==> flow/design.v <==
module alu_mpy (i_clk, RSTN, arg0, prod);
    parameter NBITS = 16;
    input i_clk;
    input RSTN;
    input [NBITS-1:0] arg0;
    output [2*NBITS-1:0] prod;
    reg [NBITS-1:0] arg0_r;
    always @(posedge i_clk) begin
        if (~RSTN) begin
            arg0_r <= 0;
        end else begin
            arg0_r <= arg0;
        end
    end
    assign prod = arg0_r * arg0_r;
endmodule
Step by step through the tools: alu_mpy --
Tool output for the design above, in the order of the flow. Lines are those of the file above, counted from 1. Library cell names are shortened. The mark - stands for no value.
Design: design top alu_mpy, clock input i_clk, library sky130hd, library corner tt_025C_1v80

Elaborated design --
Counts by Yosys on the flattened word-level netlist (proc, flatten, opt, wreduce; memories kept). Register bits leave out memories and registers merged into their read ports (data or address); mux counts leave out enables and synchronous resets folded into registers. Print and check cells are left out. Cells with the same type and inputs are merged into one.
Cells by class: shift-type cells 0, magnitude comparators 0, reduce/logical cells 0, div/mod/pow operators 0, bitwise gates (word level) 0, mux-type cells 0, $mul 1, eq/ne operators 0, add/subtract/negate cells 0
Operators by type and width (count):
- 16-bit by 16-bit multiplier with 32-bit output | 1
Word-level totals: bits of input ports 18, output and inout port bits 32, word width x clocked read ports 0, ROM bits 0, bits in writable memories 0, memories kept 0, latch bits 0, flip-flop bits (word level) 16

Depth --
Depth = most cells in a row (Yosys ltp): at word level without a register or memory, in the mapped netlist without a sequential cell, where the memories' decode and read muxes count.
Depth: depth after elaboration 1, ABC_AREA 0, gate-level depth with buffers 22, gate-level depth less buffers 21

Synthesis result --
The flow's flattened synthesis, as Yosys stat reports it; memories are mapped. The netlist is that of the ABC_AREA named above (0 if unset); the other value can give another one. Totals and module areas in this step are rounded.
Cell types (count):
- fa_1 | 162
- ha_1 | 102
- inv_1 | 249
- nand2_1 | 94
- and2_1 | 54
- dfxtp_1 | 16
- xnor2_1 | 29
- a21oi_1 | 29
- nor2_1 | 33
- a21o_1 | 12
- clkbuf_1 | 24
- o21ai_0 | 14
- xor2_1 | 8
- a211oi_1 | 7
- and3_1 | 8
- nand4_1 | 6
- or2_2 | 5
- a31oi_1 | 4
Not listed: further types 30, cells in them 50.
Synthesis totals: chip area (Yosys) 7880 um^2, sequential area 320 um^2, mapped flip-flops 16, mapped cells 906

Timing after synthesis --
Source: OpenSTA report_checks on the synthesized netlist (no wires, ideal clock, input and output delay 20% of the period each), path of least setup slack; recovery checks are left aside. Register names are those of the netlist, which keeps one name where synthesis merged equal registers.
Timing path after synthesis: path type register to output, from register arg0_r[4], to output port prod[25], driving pins on the path 22, path buffers 2, setup slack 1370 ps, path delay 5494 ps, data required time 6864 ps, clock period 8580 ps, arrival 5494 ps, output delay 1716 ps, synthesis period reached 7210 ps
"path delay" is the arrival time less input delay plus setup time. A path that ends at an output port has no setup time. "driving pins on the path" counts driving pins, that of a launching flip-flop among them; a cell with two outputs on the path counts twice. "synthesis period reached" = period - worst setup slack (recovery checks aside). The figure is calculated, with input and output delays left at 20% of the set period. The rows between start and end are the longest chain of elaborated cells between them; the timing report does not say that the signal goes this way. Where chains are equally long, one stands for them. Each line given opens the expression or statement behind the cell; cells for indexed reads and writes are added by Yosys, which also makes memories of some case tables.
Between the ends, after synthesis: cell sequence dfxtp_1 > clkbuf_1 > clkbuf_1 > nand2_1 > inv_1 > fa_1 > inv_1 > fa_1 > inv_1 > fa_1 > fa_1 > fa_1 > inv_1 > fa_1 > inv_1 > ha_1 > a21oi_1 > inv_1 > a211oi_1 > a31oi_1 > o21ai_1 > mux2i_1, cells in the longest elaborated chain 1, elaborated cells between the ends (all ways) 1, RTL lines with such cells 1, those cells by class mul (1)
Ends and longest elaborated chain, after synthesis:
- from (decl) | line 7 | reg [NBITS-1:0] arg0_r;
- from (assign) | line 10 | arg0_r <= 0;
- from (assign) | line 12 | arg0_r <= arg0;
- 16-bit by 16-bit multiplier with 32-bit output | line 15 | assign prod = arg0_r * arg0_r;
- to (decl) | line 6 | output [2*NBITS-1:0] prod;

Path in the finished layout --
Path of least setup slack in the final report of record 1 (OpenROAD, finished layout, wires in). Where an end is a register, its clock arrival counts in the times. The path's times are printed in steps of 10 ps; the period is the one set.
Timing path post-layout: path type register to output, from register arg0_r[5], to output port prod[28], output delay 1770 ps, data required time 7060 ps, clock period 8830 ps, arrival 6490 ps, setup slack 570 ps, driving pins on the path 20, path buffers 2
The rows between start and end are the longest chain of elaborated cells between them; the timing report does not say that the signal goes this way. Where chains are equally long, one stands for them.
Between the ends, post-layout: cell sequence dfxtp_2 > buf_6 > nand2_1 > fa_1 > inv_1 > fa_1 > fa_1 > fa_1 > fa_1 > inv_1 > fa_1 > inv_1 > ha_1 > a21oi_1 > o21ai_1 > a211oi_1 > a21bo_2 > a32o_1 > a21oi_1 > clkdlybuf4s50_1, cells in the longest elaborated chain 1, elaborated cells between the ends (all ways) 1, RTL lines with such cells 1, those cells by class mul (1)
Ends and longest elaborated chain, post-layout:
- from (decl) | line 7 | reg [NBITS-1:0] arg0_r;
- from (assign) | line 10 | arg0_r <= 0;
- from (assign) | line 12 | arg0_r <= arg0;
- 16-bit by 16-bit multiplier with 32-bit output | line 15 | assign prod = arg0_r * arg0_r;
- to (decl) | line 6 | output [2*NBITS-1:0] prod;

Data sheet: physical implementation of alu_mpy

alu_mpy through Yosys and OpenROAD on sky130hd: 3 stored runs, unordered, with their settings and measured results. The constraints put input and output delay at 20% of the set period each and load the outputs with 0.01 pF.
"period achieved": clock period set for the run, less the worst setup slack. It is reckoned from that one timing run; input and output delays stay at 20% of the period that was set.
"time used up by the worst setup path" = time allowed to the worst setup path (clock period - input delay - output delay, where it has them) - its slack; a late launch clock adds to it, a late capture clock takes from it.
By "total design power" is meant OpenSTA's value without simulated activity: inputs other than the clock are taken to toggle once in ten clock periods, and the tool carries that through the logic.
"time used up by the worst setup path" is known to 10 ps.
Measured values are rounded.

* Record 1 | settings: period_ns 8.83; CORE_UTILIZATION 69; SETUP_SLACK_MARGIN 0.51; PLACE_DENSITY_LB_ADDON 0.29; HOLD_SLACK_MARGIN 0.25; MIN_ROUTING_LAYER met2; CAP_MARGIN 20; CORE_MARGIN 2; SLEW_MARGIN 20 | results: final utilization 78.1%; setup total negative slack 0 ps; time used up by the worst setup path 6,490 ps; worst setup path kind register to output; worst setup slack after layout 570 ps; period achieved 8,260 ps; smallest hold slack 2,060 ps; Yosys chip area after synthesis 7,880 um^2; total design power 1.19 mW; die outline area 12,300 um^2
* Record 2 | settings: period_ns 8.58; CAP_MARGIN 20; CORE_MARGIN 2; CORE_UTILIZATION 40; SLEW_MARGIN 20 | results: final utilization 45.1%; setup total negative slack 0 ps; time used up by the worst setup path 6,580 ps; worst setup path kind register to output; worst setup slack after layout 281 ps; period achieved 8,299 ps; smallest hold slack 2,000 ps; Yosys chip area after synthesis 7,880 um^2; total design power 1.19 mW; die outline area 20,800 um^2
* Record 3 | settings: period_ns 5.7; CORE_UTILIZATION 20; PLACE_DENSITY_LB_ADDON 0.05; CELL_PAD_IN_SITES_GLOBAL_PLACEMENT 3; TNS_END_PERCENT 5; GPL_ROUTABILITY_DRIVEN 1; CTS_CLUSTER_DIAMETER 287; CAP_MARGIN 10; CORE_MARGIN 2; SLEW_MARGIN 20 | results: final utilization 28.8%; setup total negative slack -25,000 ps; time used up by the worst setup path 5,860 ps; worst setup path kind register to output; worst setup slack after layout -1,300 ps; period achieved 6,998 ps; smallest hold slack 1,460 ps; Yosys chip area after synthesis 7,880 um^2; total design power 2.26 mW; die outline area 41,000 um^2
